==> flow/design.v <==
module alu_scratch_rtl #(
  parameter int WORDS = 40,
  parameter int NBITS = 16,
  parameter int RPORTS = 2,
  parameter int AW = $clog2(WORDS)
) (
  input  logic CLK,
  input  logic rstn,
  input  logic i_wr,
  input  logic [AW-1:0] i_write_addr,
  input  logic [NBITS-1:0] i_wd,
  input  logic [RPORTS*AW-1:0] i_ra,
  output logic [RPORTS*NBITS-1:0] o_q
);
  logic [NBITS-1:0] store [0:WORDS-1];
  always_ff @(posedge CLK) begin
    if (i_wr)
      store[i_write_addr] <= i_wd;
  end
  logic [RPORTS*NBITS-1:0] t;
  generate
    for (genvar j = 0; j < RPORTS; j++) begin : gen
      assign t[j*NBITS +: NBITS] = store[i_ra[j*AW +: AW]];
    end
  endgenerate
  always_ff @(posedge CLK or negedge rstn) begin
    if (~rstn) begin
      o_q <= 0;
    end else begin
      o_q <= t;
    end
  end
endmodule
==> reports on alu_scratch_rtl <==
Reports on alu_scratch_rtl --
Tool output for the members of one design family, told apart by "RPORTS", in the order of the flow. The RTL above is that of RPORTS 2; lines are counted from 1 in the file of the member named. Operators: Yosys type, input widths -> output width; for muxes data width and select width s. A cell with n/a has no value.
Set-up: top module alu_scratch_rtl, clock CLK, library sky130hd, library corner tt_025C_1v80

Source of the members --
New or changed lines of each further member against the RTL above, in its own file; lines it lacks are not shown.
New or changed lines:
- RPORTS 4 | RTL line 4 | parameter int RPORTS = 4,
- RPORTS 6 | RTL line 4 | parameter int RPORTS = 6,
- RPORTS 8 | RTL line 4 | parameter int RPORTS = 8,

After elaboration --
Counts by Yosys on the flattened word-level netlist (proc, flatten, opt, wreduce; memories kept). Register bits leave out memories and registers merged into their read ports (data or address); mux counts leave out enables and synchronous resets folded into registers. Print and check cells are left out. Memory sizes are those after Yosys's memory passes, which may raise the word count (mostly to a power of two), join words into wider ones and drop unused or constant bits.
Cells by class:
- RPORTS 2 | mux-type cells 3, reductions and logical operators 2
- RPORTS 4 | mux-type cells 3, reductions and logical operators 4
- RPORTS 6 | mux-type cells 3, reductions and logical operators 6
- RPORTS 8 | mux-type cells 3, reductions and logical operators 8
Operator list (kinds with counts):
- RPORTS 2 | 1 x $mux 16; 1 x $mux 6; 2 x $logic_not 1->1; 1 x $mux 1
- RPORTS 4 | 1 x $mux 16; 1 x $mux 6; 4 x $logic_not 1->1; 1 x $mux 1
- RPORTS 6 | 1 x $mux 16; 6 x $logic_not 1->1; 1 x $mux 6; 1 x $mux 1
- RPORTS 8 | 1 x $mux 16; 8 x $logic_not 1->1; 1 x $mux 6; 1 x $mux 1
Bit counts:
- RPORTS 2 | register bits after elaboration 0, memory bits (writable) 640, word width x clocked read ports 32, memories kept 1, input port bits 37, output and inout bits 32, word-level cells 6
- RPORTS 4 | register bits after elaboration 0, memory bits (writable) 640, word width x clocked read ports 64, memories kept 1, input port bits 49, output and inout bits 64, word-level cells 8
- RPORTS 6 | register bits after elaboration 0, memory bits (writable) 640, word width x clocked read ports 96, memories kept 1, input port bits 61, output and inout bits 96, word-level cells 10
- RPORTS 8 | register bits after elaboration 0, memory bits (writable) 640, word width x clocked read ports 128, memories kept 1, input port bits 73, output and inout bits 128, word-level cells 12
Memories (shape (words x width / read and write ports)):
- RPORTS 2 | store 40 x 16 bit 2R1W
- RPORTS 4 | store 40 x 16 bit 4R1W
- RPORTS 6 | store 40 x 16 bit 6R1W
- RPORTS 8 | store 40 x 16 bit 8R1W

Longest topological paths --
Longest topological path by Yosys (ltp), each cell counted once; first at word level (registers and memories cut), then after technology mapping (sequential cells cut; the memories' decode and read muxes count).
Logic depth:
- RPORTS 2 | word-level depth 1, ABC_AREA 0, gate-level depth with buffers 8, depth with buffers taken out 5
- RPORTS 4 | word-level depth 1, ABC_AREA 0, gate-level depth with buffers 8, depth with buffers taken out 5
- RPORTS 6 | word-level depth 1, ABC_AREA 0, gate-level depth with buffers 8, depth with buffers taken out 5
- RPORTS 8 | word-level depth 1, ABC_AREA 0, gate-level depth with buffers 8, depth with buffers taken out 5

Netlist --
Yosys stat after the flow's synthesis: flattened, memories mapped to cells. It holds for the ABC_AREA given above (unset counts as 0); a run with the other value may have another netlist. Totals and module areas in this step are rounded.
Synthesis totals:
- RPORTS 2 | cells in the netlist 1933, mapped area 0.032 mm², sequential part of the area 0.02 mm², flip-flop cells 672, buffer cells 155
- RPORTS 4 | cells in the netlist 3153, mapped area 0.044 mm², sequential part of the area 0.021 mm², flip-flop cells 704, buffer cells 305
- RPORTS 6 | cells in the netlist 4373, mapped area 0.056 mm², sequential part of the area 0.022 mm², flip-flop cells 736, buffer cells 457
- RPORTS 8 | cells in the netlist 6108, mapped area 0.07 mm², sequential part of the area 0.022 mm², flip-flop cells 768, buffer cells 1116
Cells by type (type and count):
- RPORTS 2 | 640 x sky130_fd_sc_hd__edfxtp_1; 512 x sky130_fd_sc_hd__mux2i_1; 64 x sky130_fd_sc_hd__mux4_2; 128 x sky130_fd_sc_hd__a22oi_1; 32 x sky130_fd_sc_hd__dfrtp_1; 64 x sky130_fd_sc_hd__a22o_1; 32 x sky130_fd_sc_hd__o41ai_2; 34 x sky130_fd_sc_hd__a221oi_2; 43 x sky130_fd_sc_hd__buf_6; 32 x sky130_fd_sc_hd__mux2_2; 64 x sky130_fd_sc_hd__a21oi_1; 30 x sky130_fd_sc_hd__a221oi_1; 29 x sky130_fd_sc_hd__buf_4; 32 x sky130_fd_sc_hd__o22ai_1; 41 x sky130_fd_sc_hd__nand2_1; 40 x sky130_fd_sc_hd__nor2_1; 39 x sky130_fd_sc_hd__clkbuf_1; 24 x sky130_fd_sc_hd__buf_2; [+53]
- RPORTS 4 | 640 x sky130_fd_sc_hd__edfxtp_1; 1024 x sky130_fd_sc_hd__mux2i_1; 128 x sky130_fd_sc_hd__mux4_2; 256 x sky130_fd_sc_hd__a22oi_1; 64 x sky130_fd_sc_hd__dfrtp_1; 128 x sky130_fd_sc_hd__a22o_1; 64 x sky130_fd_sc_hd__o41ai_2; 71 x sky130_fd_sc_hd__buf_6; 64 x sky130_fd_sc_hd__mux2_2; 82 x sky130_fd_sc_hd__a221oi_1; 46 x sky130_fd_sc_hd__a221oi_2; 128 x sky130_fd_sc_hd__a21oi_1; 76 x sky130_fd_sc_hd__buf_4; 64 x sky130_fd_sc_hd__o22ai_1; 77 x sky130_fd_sc_hd__clkbuf_1; 74 x sky130_fd_sc_hd__nand2_1; 45 x sky130_fd_sc_hd__buf_2; 37 x sky130_fd_sc_hd__nor2_1; [+85]
- RPORTS 6 | 640 x sky130_fd_sc_hd__edfxtp_1; 1536 x sky130_fd_sc_hd__mux2i_1; 192 x sky130_fd_sc_hd__mux4_2; 384 x sky130_fd_sc_hd__a22oi_1; 96 x sky130_fd_sc_hd__dfrtp_1; 192 x sky130_fd_sc_hd__a22o_1; 96 x sky130_fd_sc_hd__o41ai_2; 107 x sky130_fd_sc_hd__buf_6; 79 x sky130_fd_sc_hd__a221oi_2; 96 x sky130_fd_sc_hd__mux2_2; 113 x sky130_fd_sc_hd__a221oi_1; 192 x sky130_fd_sc_hd__a21oi_1; 113 x sky130_fd_sc_hd__buf_4; 96 x sky130_fd_sc_hd__o22ai_1; 119 x sky130_fd_sc_hd__clkbuf_1; 106 x sky130_fd_sc_hd__nand2_1; 66 x sky130_fd_sc_hd__buf_2; 50 x sky130_fd_sc_hd__buf_1; [+100]
- RPORTS 8 | 2048 x sky130_fd_sc_hd__mux2i_1; 640 x sky130_fd_sc_hd__edfxtp_1; 256 x sky130_fd_sc_hd__mux4_2; 512 x sky130_fd_sc_hd__a22oi_1; 128 x sky130_fd_sc_hd__dfrtp_1; 256 x sky130_fd_sc_hd__a22o_1; 128 x sky130_fd_sc_hd__o41ai_2; 198 x sky130_fd_sc_hd__a221oi_1; 151 x sky130_fd_sc_hd__buf_6; 390 x sky130_fd_sc_hd__clkbuf_1; 128 x sky130_fd_sc_hd__mux2_2; 256 x sky130_fd_sc_hd__a21oi_1; 340 x sky130_fd_sc_hd__buf_1; 142 x sky130_fd_sc_hd__buf_4; 58 x sky130_fd_sc_hd__a221oi_2; 128 x sky130_fd_sc_hd__o22ai_1; 140 x sky130_fd_sc_hd__nand2_1; 88 x sky130_fd_sc_hd__buf_2; [+121]
A list marked [+n] leaves out that many cells.

Path before layout --
Source: OpenSTA report_checks on the synthesized netlist (no wires, ideal clock, input and output delay 20% of the period each), path of least setup slack; recovery checks are left aside. Register names are those of the netlist, which keeps one name where synthesis merged equal registers.
Timing after synthesis:
- RPORTS 2 | path type input-to-reg, start in i_wr, end mem store[0][0], period 3.2 ns, setup slack 0.515 ns, stages on the path 5, delay of the path 2.045 ns, period reached after synthesis 2.685 ns
- RPORTS 4 | path type input-to-reg, start in i_write_addr[4], end mem store[4][0], period 3.22 ns, setup slack 0.516 ns, stages on the path 3, delay of the path 2.060 ns, period reached after synthesis 2.704 ns
- RPORTS 6 | path type input-to-reg, start in i_write_addr[4], end mem store[12][0], period 3.47 ns, setup slack 0.552 ns, stages on the path 3, delay of the path 2.223 ns, period reached after synthesis 2.918 ns
- RPORTS 8 | path type input-to-reg, start in i_write_addr[2], end mem store[1][0], period 2.84 ns, setup slack 0.452 ns, stages on the path 3, delay of the path 1.820 ns, period reached after synthesis 2.388 ns
"delay of the path" is the arrival time less input delay plus setup time. "stages on the path" counts driving pins, that of a launching flip-flop among them; a cell with two outputs on the path counts twice. "period reached after synthesis" is the clock period less the worst setup slack; recovery checks do not enter. This is arithmetic on one report: input and output delays are still those of the set period (20% each). The rows between start and end are the longest chain of elaborated cells between them; the timing report does not say that the signal goes this way. Where chains are equally long, one stands for them. Each line given opens the expression or statement behind the cell; cells for indexed reads and writes are added by Yosys, which also makes memories of some case tables. RPORTS 2: Only ways into the end's enable, where the timed path ends, are counted here.
On the way, after synthesis, RPORTS 2: cells in the longest elaborated chain 1
Ends and longest elaborated chain, after synthesis, RPORTS 2:
- from (decl) | RTL line 9 | input  logic i_wr,
- $mux 6 | RTL line 17 | if (i_wr)
- to (decl) | RTL line 15 | logic [NBITS-1:0] store [0:WORDS-1];
On the way, after synthesis, RPORTS 8: cells in the longest elaborated chain 1
Ends and longest elaborated chain, after synthesis, RPORTS 8:
- from (decl) | RTL line 10 | input  logic [AW-1:0] i_write_addr,
- $mux 6 | RTL line 17 | if (i_wr)
- to (decl) | RTL line 15 | logic [NBITS-1:0] store [0:WORDS-1];

Path in the finished layout --
Path of least setup slack in the final report of each member's run (OpenROAD, finished layout, wires in). Where an end is a register, its clock arrival counts in the times.
Timing after layout:
- RPORTS 2 | path type input-to-reg, start in i_ra[8], end reg o_q[27], period 3.2 ns, setup slack 0.17 ns, stages on the path 7, data arrival time 3.48 ns, path buffers 2
- RPORTS 4 | path type input-to-reg, start in i_ra[8], end reg o_q[19], period 3.22 ns, setup slack 0.26 ns, stages on the path 7, data arrival time 3.46 ns, path buffers 3
- RPORTS 6 | path type reg-to-output, start reg o_q[37], end out o_q[37], period 3.47 ns, setup slack 0.65 ns, stages on the path 2, data arrival time 2.13 ns, path buffers 1
- RPORTS 8 | path type reg-to-output, start reg o_q[64], end out o_q[64], period 2.84 ns, setup slack -0.02 ns, stages on the path 2, data arrival time 2.30 ns, path buffers 1

Measured runs --
One run of the flow (Yosys, OpenROAD) for each member, with settings and measured results. Input and output delays are each 20% of the period that was set; the output load is 0.01 pF.
Flow settings: CAP_MARGIN 20, CORE_MARGIN 2, CORE_UTILIZATION 40, SLEW_MARGIN 20
Settings that differ (period_ns):
- RPORTS 2 | 3.2
- RPORTS 4 | 3.22
- RPORTS 6 | 3.47
- RPORTS 8 | 2.84
Final reports:
- RPORTS 2 | chip area after synthesis (Yosys) 0.032 mm², die footprint 0.082 mm², standard-cell area after routing 0.037 mm², final design utilization 47%, worst setup slack after layout 0.17 ns, total negative slack on setup checks 0.000 ns, total design power 20 mW, reached clock period 3.026 ns
- RPORTS 4 | chip area after synthesis (Yosys) 0.044 mm², die footprint 0.11 mm², standard-cell area after routing 0.052 mm², final design utilization 48%, worst setup slack after layout 0.26 ns, total negative slack on setup checks 0.000 ns, total design power 24 mW, reached clock period 2.964 ns
- RPORTS 6 | chip area after synthesis (Yosys) 0.056 mm², die footprint 0.14 mm², standard-cell area after routing 0.065 mm², final design utilization 47%, worst setup slack after layout 0.65 ns, total negative slack on setup checks 0.000 ns, total design power 25 mW, reached clock period 2.824 ns
- RPORTS 8 | chip area after synthesis (Yosys) 0.07 mm², die footprint 0.18 mm², standard-cell area after routing 0.081 mm², final design utilization 47%, worst setup slack after layout -0.024 ns, total negative slack on setup checks -0.024 ns, total design power 36 mW, reached clock period 2.864 ns
By "reached clock period" is meant the clock period of the run minus its worst setup slack. This is arithmetic on one report: input and output delays are still those of the set period (20% each). "total design power": no workload was simulated; the value follows from the tool's default switching activity. Measured values are rounded.
